==> flow/design.v <==
module cpu_switch_blk (clock, in_src, in_addr, out_z_o);
  parameter integer DWIDTH = 6;
  parameter integer COUNT = 7;
  localparam integer SEL_W = $clog2(COUNT);
  input clock;
  input [COUNT*DWIDTH-1:0] in_src;
  input [SEL_W-1:0] in_addr;
  output reg [DWIDTH-1:0] out_z_o;
  wire [COUNT-1:0] dec = {{(COUNT-1){1'b0}}, 1'b1} << in_addr;
  reg [DWIDTH-1:0] work;
  integer t;
  always @* begin
    work = 0;
    for (t = 0; t < COUNT; t = t + 1)
      work = work | (in_src[t*DWIDTH +: DWIDTH] & {DWIDTH{dec[t]}});
  end
  always @(posedge clock) begin
    out_z_o <= work;
  end
endmodule
Tool chain data of cpu_switch_blk
A sweep over "COUNT": the same steps for each member of the family.
The RTL above is that of COUNT 7; lines are counted from 1 in the file of the member named.
Cell names lack the library's common part.
A cell with n/a has no value.
- design top: cpu_switch_blk
- clock port: clock
- library: sky130hd
- corner: tt_025C_1v80

Source of the members
New or changed lines of each further member against the RTL above, in its own file; lines it lacks are not shown.
- lines new or changed (COUNT ; RTL line ; text):
    8 ; 3 ; parameter integer COUNT = 8;
    20 ; 3 ; parameter integer COUNT = 20;

Elaborated design
Yosys after proc, flatten, opt, wreduce and memory -nomap, before mapping. Enables and synchronous resets that opt folds into registers are not counted as muxes. Memory bits, and registers merged into a memory's read port (data or address), are not among the register bits. Print and check cells are not counted. Equal cells are merged and count once.
- bit counts (COUNT ; output and inout port bits ; input bits ; register bits):
    7 ; 6 ; 46 ; 6
    8 ; 6 ; 52 ; 6
    20 ; 6 ; 126 ; 6
- operators by class (COUNT ; bitwise logic cells ; shift operators):
    7 ; 13 ; 1
    8 ; 15 ; 1
    20 ; 39 ; 1
- operator list (COUNT ; kind and count):
    7 ; bitwise AND 6 bit (7); bitwise OR 6 bit (6); left shift 1 x 3 -> 7 bit with constant A (1)
    8 ; bitwise AND 6 bit (8); bitwise OR 6 bit (7); left shift 1 x 3 -> 8 bit with constant A (1)
    20 ; bitwise AND 6 bit (20); bitwise OR 6 bit (19); left shift 1 x 5 -> 20 bit with constant A (1)

Depth
Longest topological path by Yosys (ltp), each cell counted once; first at word level (registers and memories cut), then after technology mapping (sequential cells cut; the memories' decode and read muxes count).
- logic depth (COUNT ; depth after elaboration ; ABC_AREA ; gate-level depth with buffers):
    7 ; 8 ; 0 ; 5
    8 ; 9 ; 0 ; 3
    20 ; 21 ; 0 ; 8

Synthesis result
Yosys stat after the flow's synthesis: flattened, memories mapped to cells. It holds for the ABC_AREA given above (unset counts as 0); a run with the other value may have another netlist.
The area totals of this step are shown rounded.
- synthesis totals (COUNT ; buffers ; flip-flop cells ; cells in the netlist ; synthesis area (µm²)):
    7 ; 5 ; 6 ; 56 ; 550
    8 ; 3 ; 6 ; 27 ; 520
    20 ; 19 ; 6 ; 181 ; 1300
- cell types (COUNT ; type and count):
    7 ; mux2i_1 (15); dfxtp_1 (6); nor2b_1 (4); buf_6 (2); nand3b_1 (3); buf_12 (1); o211a_1 (2); a22o_1 (2); a221oi_2 (1); mux2_4 (1); a31oi_1 (2); or2_1 (2); mux2_2 (1); nand2_1 (3); a221o_1 (1); buf_2 (2); a221oi_1 (1); a32oi_1 (1); (+6)
    8 ; mux4_1 (12); dfxtp_1 (6); mux2_2 (6); buf_6 (1); buf_1 (1); clkbuf_1 (1)
    20 ; mux2i_1 (21); dfxtp_1 (6); mux4_2 (4); nand3_1 (17); a31oi_1 (8); mux2_2 (4); nor2b_1 (7); nand2_1 (11); buf_2 (8); o21ai_0 (8); a21oi_1 (7); nor2_1 (9); a22oi_1 (4); nand3b_1 (4); a22o_1 (3); a311oi_1 (3); clkbuf_1 (7); buf_6 (2); (+48)
A list marked (+n) leaves out that many cells.

Timing after synthesis
Source: OpenSTA report_checks on the synthesized netlist (no wires, ideal clock, input and output delay 20% of the period each), path of least setup slack; recovery checks are left aside. Register names are those of the netlist, which keeps one name where synthesis merged equal registers.
- path after synthesis (COUNT ; kind ; from ; to ; setup slack (ns) ; path delay (ns) ; period (ns) ; stages on the path ; synthesis period reached (ns)):
    7 ; input port to flip-flop ; input port in_addr[2] ; register out_z_o[5] ; 0.211 ; 0.845 ; 1.32 ; 3 ; 1.109
    8 ; input port to flip-flop ; input port in_addr[0] ; register out_z_o[0] ; 0.256 ; 1.032 ; 1.61 ; 3 ; 1.354
    20 ; input port to flip-flop ; input port in_addr[0] ; register out_z_o[4] ; 0.347 ; 1.404 ; 2.19 ; 7 ; 1.843
"path delay" is the arrival time less input delay plus setup time.
"stages on the path": output pins that drive a net of the path, with the launching flip-flop's if there is one; two outputs of one cell count as two.
"synthesis period reached" is the clock period less the worst setup slack; recovery checks do not enter. This is arithmetic on one report: input and output delays are still those of the set period (20% each).
The rows between start and end are the longest chain of elaborated cells between them; the timing report does not say that the signal goes this way. Where chains are equally long, one stands for them.
Each line given opens the expression or statement behind the cell; cells for indexed reads and writes are added by Yosys, which also makes memories of some case tables.
On the way, after synthesis, COUNT 7:
- cells in the longest elaborated chain: 8
- RTL lines, path after synthesis, COUNT 7 (element ; RTL line ; text):
    from (decl) ; 7 ; input [SEL_W-1:0] in_addr;
    left shift 1 x 3 -> 7 bit ; 9 ; wire [COUNT-1:0] dec = {{(COUNT-1){1'b0}}, 1'b1} << in_addr;
    bitwise AND 6 bit ; 15 ; work = work | (in_src[t*DWIDTH +: DWIDTH] & {DWIDTH{dec[t]}});
    bitwise OR 6 bit x6 ; 15 ;
    to (assign) ; 18 ; out_z_o <= work;
    to (decl) ; 8 ; output reg [DWIDTH-1:0] out_z_o;
On the way, after synthesis, COUNT 20:
- cells in the longest elaborated chain: 21
- RTL lines, path after synthesis, COUNT 20 (element ; RTL line ; text):
    from (decl) ; 7 ; input [SEL_W-1:0] in_addr;
    left shift 1 x 5 -> 20 bit ; 9 ; wire [COUNT-1:0] dec = {{(COUNT-1){1'b0}}, 1'b1} << in_addr;
    bitwise AND 6 bit ; 15 ; work = work | (in_src[t*DWIDTH +: DWIDTH] & {DWIDTH{dec[t]}});
    bitwise OR 6 bit x19 ; 15 ;
    to (assign) ; 18 ; out_z_o <= work;
    to (decl) ; 8 ; output reg [DWIDTH-1:0] out_z_o;

Path in the finished layout
Path of least setup slack in the final report of the run of each member (OpenROAD, finished layout, wires in). Where an end is a register, its clock arrival counts in the times.
- path post-layout (COUNT ; kind ; from ; to ; stages on the path ; path buffers ; arrival (ns) ; period (ns) ; setup slack (ns)):
    7 ; input port to flip-flop ; input port in_addr[1] ; register out_z_o[2] ; 4 ; 1 ; 1.43 ; 1.32 ; 0.03
    8 ; input port to flip-flop ; input port in_addr[0] ; register out_z_o[3] ; 4 ; 2 ; 1.59 ; 1.61 ; 0.15
    20 ; input port to flip-flop ; input port in_addr[1] ; register out_z_o[5] ; 6 ; 2 ; 2.23 ; 2.19 ; 0.08

Measured runs
One run of the flow (Yosys, OpenROAD) for each member, with settings and measured results. Input and output delays are each 20% of the period that was set; the output load is 0.01 pF.
- CAP_MARGIN: 20
- CORE_MARGIN: 2
- noted CORE_UTILIZATION: 40
- SLEW_MARGIN at 20
- settings that differ (COUNT ; period_ns):
    7 ; 1.32
    8 ; 1.61
    20 ; 2.19
- final reports (COUNT ; worst setup slack after layout (ns) ; total negative slack on setup checks (ns) ; period reached (ns) ; final utilization (%) ; area of the standard cells in the finished layout (µm²) ; chip area after synthesis (Yosys) (µm²) ; worst-case hold slack (ns) ; die footprint (µm²) ; power consumption (uW)):
    7 ; 0.027 ; 0.000 ; 1.293 ; 86 ; 1100 ; 550 ; 0.57 ; 1700 ; 690
    8 ; 0.15 ; 0.000 ; 1.465 ; 91 ; 1100 ; 520 ; 0.84 ; 1600 ; 590
    20 ; 0.085 ; 0.000 ; 2.105 ; 89 ; 2900 ; 1300 ; 0.79 ; 3800 ; 780
"period reached" is the run's clock period less its worst setup slack. It is reckoned from that one timing run; input and output delays stay at 20% of the period that was set.
"power consumption" is the tool's figure for a default switching activity; nothing was simulated.
The results are shown rounded.
